==> flow/design.v <==
module sync_arith_stage (aclk, i_rst, in0, in1, do_sub, result, cy);
    parameter DW = 12;
    input aclk;
    input i_rst;
    input [DW-1:0] in0;
    input [DW-1:0] in1;
    input do_sub;
    output [DW-1:0] result;
    output cy;
    reg [DW-1:0] in0_reg;
    always @(posedge aclk) begin
        if (i_rst) begin
            in0_reg <= 0;
        end else begin
            in0_reg <= in0;
        end
    end
    reg [DW-1:0] in1_reg;
    always @(posedge aclk) begin
        if (i_rst) begin
            in1_reg <= 0;
        end else begin
            in1_reg <= in1;
        end
    end
    reg do_sub_reg;
    always @(posedge aclk) begin
        if (i_rst) begin
            do_sub_reg <= 1'b0;
        end else begin
            do_sub_reg <= do_sub;
        end
    end
    wire [DW-1:0] tmp;
    wire [DW:0] c;
    assign c[0] = do_sub_reg;
    genvar ii;
    generate
        for (ii = 0; ii < DW; ii = ii + 1) begin : u_g
            fadd unit (.a(in0_reg[ii]), .b(in1_reg[ii] ^ do_sub_reg), .ci(c[ii]), .s(tmp[ii]), .co(c[ii+1]));
        end
    endgenerate
    assign result = tmp;
    assign cy = c[DW];
endmodule
module fadd (
    input wire a,
    input wire b,
    input wire ci,
    output wire s,
    output wire co
);
    assign s = a ^ b ^ ci;
    assign co = (a & b) | (ci & (a ^ b));
endmodule
# Step by step through the tools: sync_arith_stage
# What the tools print for sync_arith_stage, step after step.
# Lines are those of the file above, counted from 1.
# Operators: Yosys type, input widths -> output width; for muxes data width and select width s.
# Library cell names are shortened.
# The mark n/a stands for no value.
# inputs
design,sync_arith_stage
clock_port,aclk
library,sky130hd
lib_corner,tt_025C_1v80

# Word-level counts
# Yosys after proc, flatten, opt, wreduce and memory -nomap, before mapping. Enables and synchronous resets that opt folds into registers are not counted as muxes. Memory bits, and registers merged into a memory's read port (data or address), are not among the register bits. Print and check cells are not counted. Equal cells are merged and count once.
# word_totals
in_bits,27
register_bits,25
wordCells,75
# classes
bitwise,72
# op_table
operator,count
$xor 1x1->1,36
$and 1x1->1,24
$or 1x1->1,12

# Longest topological paths
# Longest topological path by Yosys (ltp), each cell counted once; first at word level (registers and memories cut), then after technology mapping (sequential cells cut; the memories' decode and read muxes count).
# depth
depth_word,26
ABC_AREA,0
mapped_depth,17
depth_no_buf,15

# Mapped cells and area
# The flow's flattened synthesis, as Yosys stat reports it; memories are mapped. The netlist is that of the ABC_AREA named above (0 if unset); the other value can give another one.
# The area totals of this step are shown rounded.
# types
cell_type,count
dfxtp_1,25
fa_1,11
nor2b_1,25
buf_4,12
inv_1,21
xnor2_1,9
xor2_1,3
buf_6,1
buf_2,2
mux2i_1,1
# mapped
seq_area_um2,500.5
ff_cells,25
mapped_cells,110
n_buf,15
yosys_area_um2,1182
# The figures by module come from a second, unflattened synthesis with its own total; it is not the netlist above.
# hier_totals
hier_cells,77
area_unflattened_um2,1023
# Rows give one instance, submodules left out.
# by_module
module,mod_seq_area_um2,cells,instances,mod_area_um2
sync_arith_stage,500.5,65,1,783.3
fadd,0.0,1,12,20.0

# Path before layout
# Source: OpenSTA report_checks on the synthesized netlist (no wires, ideal clock, input and output delay 20% of the period each), path of least setup slack; recovery checks are left aside. Register names are those of the netlist, which keeps one name where synthesis merged equal registers.
# synth_timing
path_type,reg-to-output
start,register do_sub_reg
end,output port result[11]
output_delay_ns,1.522
slack_ns,1.218
period_ns,7.61
arrival_ns,4.870
path_delay_ns,4.870
path_stages,18
required_time_ns,6.088
synth_period_reached_ns,6.392
# "path_delay_ns" = arrival - input delay + setup time.
# At an output port there is no setup time.
# "path_stages" counts driving pins, that of a launching flip-flop among them; a cell with two outputs on the path counts twice.
# "synth_period_reached_ns" is the clock period less the worst setup slack; recovery checks do not enter. This is arithmetic on one report: input and output delays are still those of the set period (20% each).
# Between the ends stands the longest chain of elaborated cells between them, by number of cells; it is not shown to be the way that was timed. Of several equally long chains one is given.
# A line is the first line of the expression or statement that the cell stems from. Yosys adds cells for indexed reads and writes and turns some case tables into memories.
# synth_between
cell_sequence,dfxtp_1 -> buf_6 -> xnor2_1 -> fa_1 -> fa_1 -> fa_1 -> fa_1 -> fa_1 -> fa_1 -> fa_1 -> fa_1 -> inv_1 -> fa_1 -> inv_1 -> fa_1 -> inv_1 -> fa_1 -> buf_4
elab_chain_len,25
cone_cells,58
# synth_rtl
item,line,text
from (decl),26,reg do_sub_reg;
from (assign),29,do_sub_reg <= 1'b0;
from (assign),31,do_sub_reg <= do_sub;
$xor 1x1->1,40,"fadd unit (.a(in0_reg[ii]), .b(in1_reg[ii] ^ do_sub_reg), .ci(c[ii]), .s(tmp[ii]), .co(c[ii+1]));"
$xor 1x1->1,54,assign co = (a & b) | (ci & (a ^ b));
$and 1x1->1,54,
$or 1x1->1,54,
$and 1x1->1,54,
$or 1x1->1,54,
$and 1x1->1,54,
(+11 left out),n/a,
$and 1x1->1,54,
$or 1x1->1,54,
$and 1x1->1,54,
$or 1x1->1,54,
$and 1x1->1,54,
$or 1x1->1,54,
$xor 1x1->1,53,assign s = a ^ b ^ ci;
to (decl),8,output [DW-1:0] result;

# Worst path after layout
# From the final timing report of flow run A: the path of least setup slack in the routed layout; clock arrival at registers is part of the times.
# layout_timing
path_type,reg-to-output
start,register do_sub_reg
end,output port result[11]
required_time_ns,6.09
output_delay_ns,1.52
period_ns,7.61
path_stages,17
slack_ns,0.58
arrival_ns,5.51
# Between the ends stands the longest chain of elaborated cells between them, by number of cells; it is not shown to be the way that was timed. Of several equally long chains one is given.
# layout_between
cell_sequence,dfxtp_1 -> xnor2_1 -> fa_1 -> fa_1 -> fa_1 -> fa_1 -> fa_1 -> fa_1 -> fa_1 -> fa_1 -> inv_1 -> fa_1 -> inv_1 -> fa_1 -> inv_1 -> fa_1 -> clkdlybuf4s50_1
elab_chain_len,25
cone_cells,58
# layout_rtl
item,line,text
from (decl),26,reg do_sub_reg;
from (assign),29,do_sub_reg <= 1'b0;
from (assign),31,do_sub_reg <= do_sub;
$xor 1x1->1,40,"fadd unit (.a(in0_reg[ii]), .b(in1_reg[ii] ^ do_sub_reg), .ci(c[ii]), .s(tmp[ii]), .co(c[ii+1]));"
$xor 1x1->1,54,assign co = (a & b) | (ci & (a ^ b));
$and 1x1->1,54,
$or 1x1->1,54,
$and 1x1->1,54,
$or 1x1->1,54,
$and 1x1->1,54,
(+11 left out),n/a,
$and 1x1->1,54,
$or 1x1->1,54,
$and 1x1->1,54,
$or 1x1->1,54,
$and 1x1->1,54,
$or 1x1->1,54,
$xor 1x1->1,53,assign s = a ^ b ^ ci;
to (decl),8,output [DW-1:0] result;

# Stored flow runs of sync_arith_stage (3 of them; Yosys, OpenROAD, sky130hd). They differ in their settings and are not a sequence. Constraints: input delay and output delay 20% of the set period each, output load 0.01 pF.
# "achieved_clock_period_ns" is the run's clock period less its worst setup slack. It is reckoned from that one timing run; input and output delays stay at 20% of the period that was set.
# "worst_setup_path_time_ns": the worst setup path's part of the clock period (all of it between registers, 20% less for each end at a port) less its slack. A launch clock that arrives late makes it longer, a capture clock that arrives late makes it shorter.
# "total_power_mw": no workload was simulated; the value follows from the tool's default switching activity.
# The measured numbers are rounded.
# A setting shown as - is not set for that run.
setting or result,flow run A,flow run B,flow run C
period_ns,7.61,10.9,7.35
CAP_MARGIN,20,20,30
CORE_MARGIN,2,2,9
CORE_UTILIZATION,40,16,51
SLEW_MARGIN,20,20,30
HOLD_SLACK_MARGIN,-,0.25,-
CTS_CLUSTER_DIAMETER,-,388,179
SETUP_SLACK_MARGIN,-,-,0.88
CELL_PAD_IN_SITES_GLOBAL_PLACEMENT,-,-,1
ys_area_um2,1182,1182,1182
design.die.area_um2,3407,8094,4376
fin_util_pct,55.2,22.6,69.9
fin_ws_ns,0.576,2.781,0.955
tns_ns,0.000,0.000,0.000
ws_hold_ns,1.752,2.470,1.667
total_power_mw,0.2840,0.2137,0.3027
achieved_clock_period_ns,7.034,8.119,6.395
worst_setup_path_time_ns,5.51,5.94,4.92
worstPathKind,reg-to-output,reg-to-output,reg-to-output
